==> flow/design.v <==
module my_switch #(
    parameter NBITS = 8
) (
    input  sys_clk,
    input  [NBITS-1:0] d0,
    input  [NBITS-1:0] d1,
    input  [NBITS-1:0] d2,
    input  [NBITS-1:0] d3,
    input  [NBITS-1:0] d4,
    input  [NBITS-1:0] d5,
    input  [NBITS-1:0] d6,
    input  [NBITS-1:0] d7,
    input  [2:0] sel,
    output [NBITS-1:0] z_o
);
    wire [NBITS-1:0] r;
    assign r =
        (sel == 3'd0) ? d0 :
        (sel == 3'd1) ? d1 :
        (sel == 3'd2) ? d2 :
        (sel == 3'd3) ? d3 :
        (sel == 3'd4) ? d4 :
        (sel == 3'd5) ? d5 :
        (sel == 3'd6) ? d6 :
        d7;
    reg [NBITS-1:0] r_z_o;
    always @(posedge sys_clk)
        r_z_o <= r;
    assign z_o = r_z_o;
endmodule
# Reports on my_switch
# Tool output for the design above, in the order of the flow.
# Line numbers count from 1 in the design file above.
# Operators: Yosys type, input widths -> output width; for muxes data width and select width s.
# Library cell names are shortened.
# A cell with - has no value.
# inputs
design	my_switch
clk_port	sys_clk
cell_library	sky130hd
pvt_corner	tt_025C_1v80

# Word-level counts
# Source: Yosys, flattened and elaborated, memories not mapped. Widths are those after wreduce; folded enables and synchronous resets count as part of the registers. Registers that Yosys merges into a memory's read port (data or address) are not register bits. Print and check cells do not count. Equal cells are merged and count once.
# word_totals
register_bits	8
input_bits	68
wordCells	15
# classes
eq_ne	6
n_mux	7
n_reduce_logical	1
# ops
op	n
$mux 8	7
$eq 3x3->1 const B	3
$eq 3x2->1 const B	2
$eq 3x1->1 const B	1
$logic_not 3->1	1

# Logic depth
# Yosys ltp: most cells in a row. Word level: on the elaborated netlist, between registers, memories and ports. Mapped: between sequential cells and ports; inverters and the memories' decode and read muxes count.
# depth
depth_word	8
ABC_AREA	0
ltp_mapped	6
depth_no_buf	3

# Netlist
# Source: synth_stat.txt of the flow (Yosys; design flattened, memories mapped). It holds for the ABC_AREA given above (unset counts as 0); a run with the other value may have another netlist.
# types
type	n	area_total_um2
dfxtp_1	8	160.154
mux4_1	4	105.101
mux4_2	4	90.086
mux2_2	4	45.043
or4bb_1	4	45.043
a221oi_1	4	35.034
nor4b_1	4	35.034
o221ai_1	4	35.034
o32ai_1	4	35.034
buf_6	3	33.782
a21o_1	4	30.029
inv_1	7	26.275
o22ai_1	4	25.024
mux2i_1	2	20.019
nor2b_1	3	18.768
nor2_1	4	15.014
o21a_1	2	15.014
a31oi_1	2	12.512
# Other cell types: 13; their cells: 19.
# mapped
mapped_cells	90
yosys_area_um2	894.6
sequential_area_um2	160.2
ffs	8

# Timing after synthesis
# Path of least setup slack by OpenSTA after synthesis, without wires, with an ideal clock, recovery checks aside; 20% of the period is set as input and as output delay. Where synthesis merged equal registers, the netlist keeps one of their names.
# synth_path
path_type	input to register
startpoint	input port sel[0]
endpoint	register r_z_o[0]
tclk_ns	1.61
in_delay_ns	0.322
setup_ns	0.136
t_first_pin_ns	0.322
arrival_ns	1.216
t_required_ns	1.474
path_slack_ns	0.259
path_delay_ns	1.030
stages	5
path_buffers	2
period_less_setup_slack_ns	1.351
# "path_delay_ns" is the arrival time less input delay plus setup time.
# "stages" counts driving pins, that of a launching flip-flop among them; a cell with two outputs on the path counts twice.
# "period_less_setup_slack_ns" = period - worst setup slack (recovery checks aside). The figure is calculated, with input and output delays left at 20% of the set period.
# Between the ends stands the longest chain of elaborated cells between them, by number of cells; it is not shown to be the way that was timed. Of several equally long chains one is given.
# A line is the first line of the expression or statement that the cell stems from. Yosys adds cells for indexed reads and writes and turns some case tables into memories.
# synth_between
cell_sequence	buf_6 -> buf_6 -> mux4_1 -> inv_1 -> o32ai_1
elab_chain_len	8
# synth_rtl
element	line_no	rtl
start, declared	13	input  [2:0] sel,
$eq 3x3->1	24	(sel == 3'd6) ? d6 :
$mux 8	24
$mux 8	23	(sel == 3'd5) ? d5 :
$mux 8	22	(sel == 3'd4) ? d4 :
$mux 8	21	(sel == 3'd3) ? d3 :
$mux 8	20	(sel == 3'd2) ? d2 :
$mux 8	19	(sel == 3'd1) ? d1 :
$mux 8	18	(sel == 3'd0) ? d0 :
end, assigned	28	r_z_o <= r;
end, declared	26	reg [NBITS-1:0] r_z_o;

# Worst path after layout
# From the final timing report of stored run 2: the path of least setup slack in the routed layout; clock arrival at registers is part of the times.
# layout_path
path_type	input to register
startpoint	input port sel[2]
endpoint	register r_z_o[2]
tclk_ns	1.61
in_delay_ns	0.32
setup_ns	0.13
t_first_pin_ns	0.32
arrival_ns	1.67
t_required_ns	1.74
path_slack_ns	0.07
stages	5
path_buffers	2
# Between the ends stands the longest chain of elaborated cells between them, by number of cells; it is not shown to be the way that was timed. Of several equally long chains one is given.
# layout_between
cell_sequence	clkdlybuf4s50_1 -> buf_12 -> or4bb_1 -> o221ai_1 -> o22ai_1
elab_chain_len	8
# layout_rtl
element	line_no	rtl
start, declared	13	input  [2:0] sel,
$eq 3x3->1	24	(sel == 3'd6) ? d6 :
$mux 8	24
$mux 8	23	(sel == 3'd5) ? d5 :
$mux 8	22	(sel == 3'd4) ? d4 :
$mux 8	21	(sel == 3'd3) ? d3 :
$mux 8	20	(sel == 3'd2) ? d2 :
$mux 8	19	(sel == 3'd1) ? d1 :
$mux 8	18	(sel == 3'd0) ? d0 :
end, assigned	28	r_z_o <= r;
end, declared	26	reg [NBITS-1:0] r_z_o;

# 3 stored runs of my_switch in the flow (synthesis by Yosys, layout by OpenROAD, sky130hd cells), in arbitrary order. Constraints: input delay and output delay 20% of the set period each, output load 0.01 pF.
# "clock_period_reached_ns" is the run's clock period less its worst setup slack. It is reckoned from that one timing run; input and output delays stay at 20% of the period that was set.
# "worst_path_allowed_less_slack_ns": the worst setup path's part of the clock period (all of it between registers, 20% less for each end at a port) less its slack. A launch clock that arrives late makes it longer, a capture clock that arrives late makes it shorter.
# Among the settings, -- means not set for that run.
# A result given as -- is not shown for that run.
run name	period_ns	CORE_UTILIZATION	SETUP_SLACK_MARGIN	PLACE_DENSITY	CORE_MARGIN	GPL_TIMING_DRIVEN	GPL_ROUTABILITY_DRIVEN	CTS_CLUSTER_SIZE	CTS_CLUSTER_DIAMETER	SLEW_MARGIN	MIN_ROUTING_LAYER	CAP_MARGIN	CELL_PAD_IN_SITES_GLOBAL_PLACEMENT	TNS_END_PERCENT	ABC_AREA	MAX_ROUTING_LAYER	clock_period_reached_ns	post_synth_area_um2	post_route_stdcell_area_um2	final_die_area_um2	worst_path_allowed_less_slack_ns	worstPathKind	finish.utilization_frac	setupTns_ns	ws_setup_ns
stored run 1	1.89	62	-0.04	0.69	5	1	0	19	161	10	met1	20	--	--	--	--	--	--	--	--	--	--	--	--	--
stored run 2	1.61	40	--	--	2	--	--	--	--	20	--	20	--	--	--	--	1.543	894.6	1737.9	2630.7	1.22	input to register	0.801	0.000	0.067
stored run 3	0.912	67	--	0.43	6	0	1	--	--	25	met1	25	2	30	1	met4	--	--	--	--	--	--	--	--	--
# Stored run 1: did not finish, placement stopped with GPL-0301
# Stored run 3: did not finish, placement stopped with GPL-0301
